==> flow/design.v <==
module core_cmp_rtl (core_clk, A_i, B_i, is_gt_o);
    parameter XLEN = 12;
    input core_clk;
    input [XLEN-1:0] A_i;
    input [XLEN-1:0] B_i;
    output is_gt_o;
    reg [XLEN-1:0] A_ff;
    reg [XLEN-1:0] B_ff;
    reg is_gt_ff;
    always @(posedge core_clk) begin
        A_ff <= A_i;
        B_ff <= B_i;
        is_gt_ff <= (A_ff > B_ff);
    end
    assign is_gt_o = is_gt_ff;
endmodule
### Tool chain data of core_cmp_rtl

Tool output for the design above, in the order of the flow.
Line numbers count from 1 in the design file above.
Operators carry their Yosys type and port widths (W data, S select, Z words).
Library cell names are shortened.
The mark -- stands for no value.

| set-up | value |
|---|---|
| top | core_cmp_rtl |
| clock input | core_clk |
| library | sky130hd |
| library corner | tt_025C_1v80 |

### Elaborated design

Source: Yosys, flattened and elaborated, memories not mapped. Widths are those after wreduce; folded enables and synchronous resets count as part of the registers. Registers that Yosys merges into a memory's read port (data or address) are not register bits. Print and check cells do not count. Equal cells are merged and count once.

| bit counts | value |
|---|---|
| bits in registers | 25 |
| input bits | 25 |
| output and inout bits | 1 |
| word-level cells | 4 |

| cells by class | value |
|---|---|
| order comparisons | 1 |

Operator list:

| cell | count |
|---|---|
| $gt A12 B12 Y1 | 1 |

### Depth

Longest topological path by Yosys (ltp), each cell counted once; first at word level (registers and memories cut), then after technology mapping (sequential cells cut; the memories' decode and read muxes count).

| logic depth | value |
|---|---|
| depth after elaboration | 1 |
| ABC_AREA | 1 |
| depth in mapped cells | 10 |
| gate-level depth less buffers | 10 |

### Mapped cells and area

Source: synth_stat.txt of the flow (Yosys; design flattened, memories mapped). It holds for the ABC_AREA given above (unset counts as 0); a run with the other value may have another netlist.
The area totals of this step are shown rounded.

| mapped netlist | value |
|---|---|
| mapped cells | 83 |
| cell area after synthesis | 854.6 um^2 |
| sequential part of the area | 500.5 um^2 |
| flip-flops | 25 |
| buffers | 0 |

Cells by type:

| cell type | count | area in all (um^2) |
|---|---|---|
| dfxtp_1 | 25 | 500.48 |
| ha_1 | 12 | 150.144 |
| inv_1 | 18 | 67.565 |
| nand2_1 | 13 | 48.797 |
| nand2_2 | 3 | 18.768 |
| a21oi_1 | 3 | 15.014 |
| nor2_1 | 4 | 15.014 |
| nor2_4 | 1 | 11.261 |
| a21oi_2 | 1 | 8.758 |
| a21o_1 | 1 | 7.507 |
| nor2_2 | 1 | 6.256 |
| nand3_1 | 1 | 5.005 |

### Path before layout

OpenSTA on the mapped netlist: ideal clock, no wires. The path of least setup slack (recovery checks aside). Input and output delay are each 20% of the period. Register names are those of the netlist, which keeps one name where synthesis merged equal registers.

| path post-synthesis | value |
|---|---|
| path kind | register to register |
| start point | register B_ff[11] |
| end point | register is_gt_ff |
| clock period | 1,540 ps |
| launch time at the first pin | 0 ps |
| arrival | 1,021 ps |
| data required time | 1,427 ps |
| slack | 407 ps |
| path delay | 1,134 ps |
| stages | 8 |
| path buffers | 0 |
| period reached after synthesis | 1,133 ps |

"path delay" is the arrival time less input delay plus setup time.
"stages" counts driving pins, that of a launching flip-flop among them; a cell with two outputs on the path counts twice.
"period reached after synthesis" is the clock period less the worst setup slack; recovery checks do not enter. This is arithmetic on one report: input and output delays are still those of the set period (20% each).
Between the ends stands the longest chain of elaborated cells between them, by number of cells; it is not shown to be the way that was timed. Of several equally long chains one is given.
Each line given opens the expression or statement behind the cell; cells for indexed reads and writes are added by Yosys, which also makes memories of some case tables.

| between the ends, post-synthesis | value |
|---|---|
| path through | dfxtp_1 inv_1 ha_1 a21o_1 nor2_1 nand2_1 nor2_1 nor2_1 |
| length of the longest elaborated chain | 1 |
| elaborated cells between the ends (all ways) | 1 |
| RTL lines with such cells | 1 |
| classes of those cells | 1 x compare |

RTL lines, path post-synthesis:

| item | line | text |
|---|---|---|
| start, declared | 8 | `reg [XLEN-1:0] B_ff;` |
| start, assigned | 12 | `B_ff <= B_i;` |
| $gt A12 B12 Y1 | 13 | `is_gt_ff <= (A_ff > B_ff);` |
| end, assigned | 13 |  |
| end, declared | 9 | `reg is_gt_ff;` |

### Timing after layout

From the final timing report of run 1: the path of least setup slack in the routed layout; clock arrival at registers is part of the times.
The path's times are printed in steps of 10 ps; the period is the one set.

| path after layout | value |
|---|---|
| path kind | register to output |
| start point | register is_gt_ff |
| end point | output port is_gt_o |
| clock period | 2,010 ps |
| launch time at the first pin | 320 ps |
| arrival | 1,180 ps |
| data required time | 1,610 ps |
| slack | 430 ps |
| stages | 2 |
| path buffers | 1 |

| between the ends, after layout | value |
|---|---|
| path through | dfxtp_1 clkdlybuf4s50_1 |
| length of the longest elaborated chain | 0 |
| elaborated cells between the ends (all ways) | 0 |
| RTL lines with such cells | 0 |

RTL lines, path after layout:

| item | line | text |
|---|---|---|
| start, declared | 9 | `reg is_gt_ff;` |
| start, assigned | 13 | `is_gt_ff <= (A_ff > B_ff);` |
| end, declared | 6 | `output is_gt_o;` |

Ticket comment

Flow measurements of core_cmp_rtl on sky130hd: 3 stored runs with different settings, listed in no order. Input and output delays are each 20% of the period that was set; the output load is 0.01 pF.
"critical setup path time" is the time allowed to the run's worst setup path (the clock period less input and output delay, where it has them) less its slack. Clock arrival times count: a late capture clock shortens it, a late launch clock lengthens it.
By "total power after layout" is meant OpenSTA's value without simulated activity: inputs other than the clock are taken to toggle once in ten clock periods, and the tool carries that through the logic.
"critical setup path time" is known to 10 ps.
Values from the reports are rounded here.
A setting shown as -- is not set for that run.

| stored run | period_ns | CORE_UTILIZATION | PLACE_DENSITY_LB_ADDON | CORE_ASPECT_RATIO | CORE_MARGIN | ABC_AREA | GPL_TIMING_DRIVEN | GPL_ROUTABILITY_DRIVEN | CTS_CLUSTER_SIZE | MIN_ROUTING_LAYER | MAX_ROUTING_LAYER | CAP_MARGIN | SLEW_MARGIN | SETUP_SLACK_MARGIN | CELL_PAD_IN_SITES_DETAIL_PLACEMENT | TNS_END_PERCENT | total power after layout (mW) | synthesized cell area (um^2) | total die area (um^2) | setup slack of the worst path (ps) | critical setup path time (ps) | worst setup path type | final worst hold slack (ps) | post-layout utilization (%) |
|---|---|---|---|---|---|---|---|---|---|---|---|---|---|---|---|---|---|---|---|---|---|---|---|---|
| run 1 | 2.01 | 60 | 0.06 | 0.81 | 3 | 1 | 0 | 1 | 76 | met2 | met4 | 20 | 20 | -- | -- | -- | 0.8732 | 854.6 | 1,916 | 429 | 1,180 | register to output | 503 | 92.6 |
| run 2 | 1.87 | 21 | 0.25 | -- | 6 | -- | -- | -- | 83 | -- | met4 | 0 | 20 | 0.3 | 1 | 95 | 0.9950 | 797.0 | 5,418 | 558 | 1,310 | register to register | 540 | 33.3 |
| run 3 | 1.54 | 40 | -- | -- | 2 | -- | -- | -- | -- | -- | -- | 20 | 20 | -- | -- | -- | 1.095 | 797.0 | 2,365 | 82 | 1,150 | register to output | 432 | 57.6 |
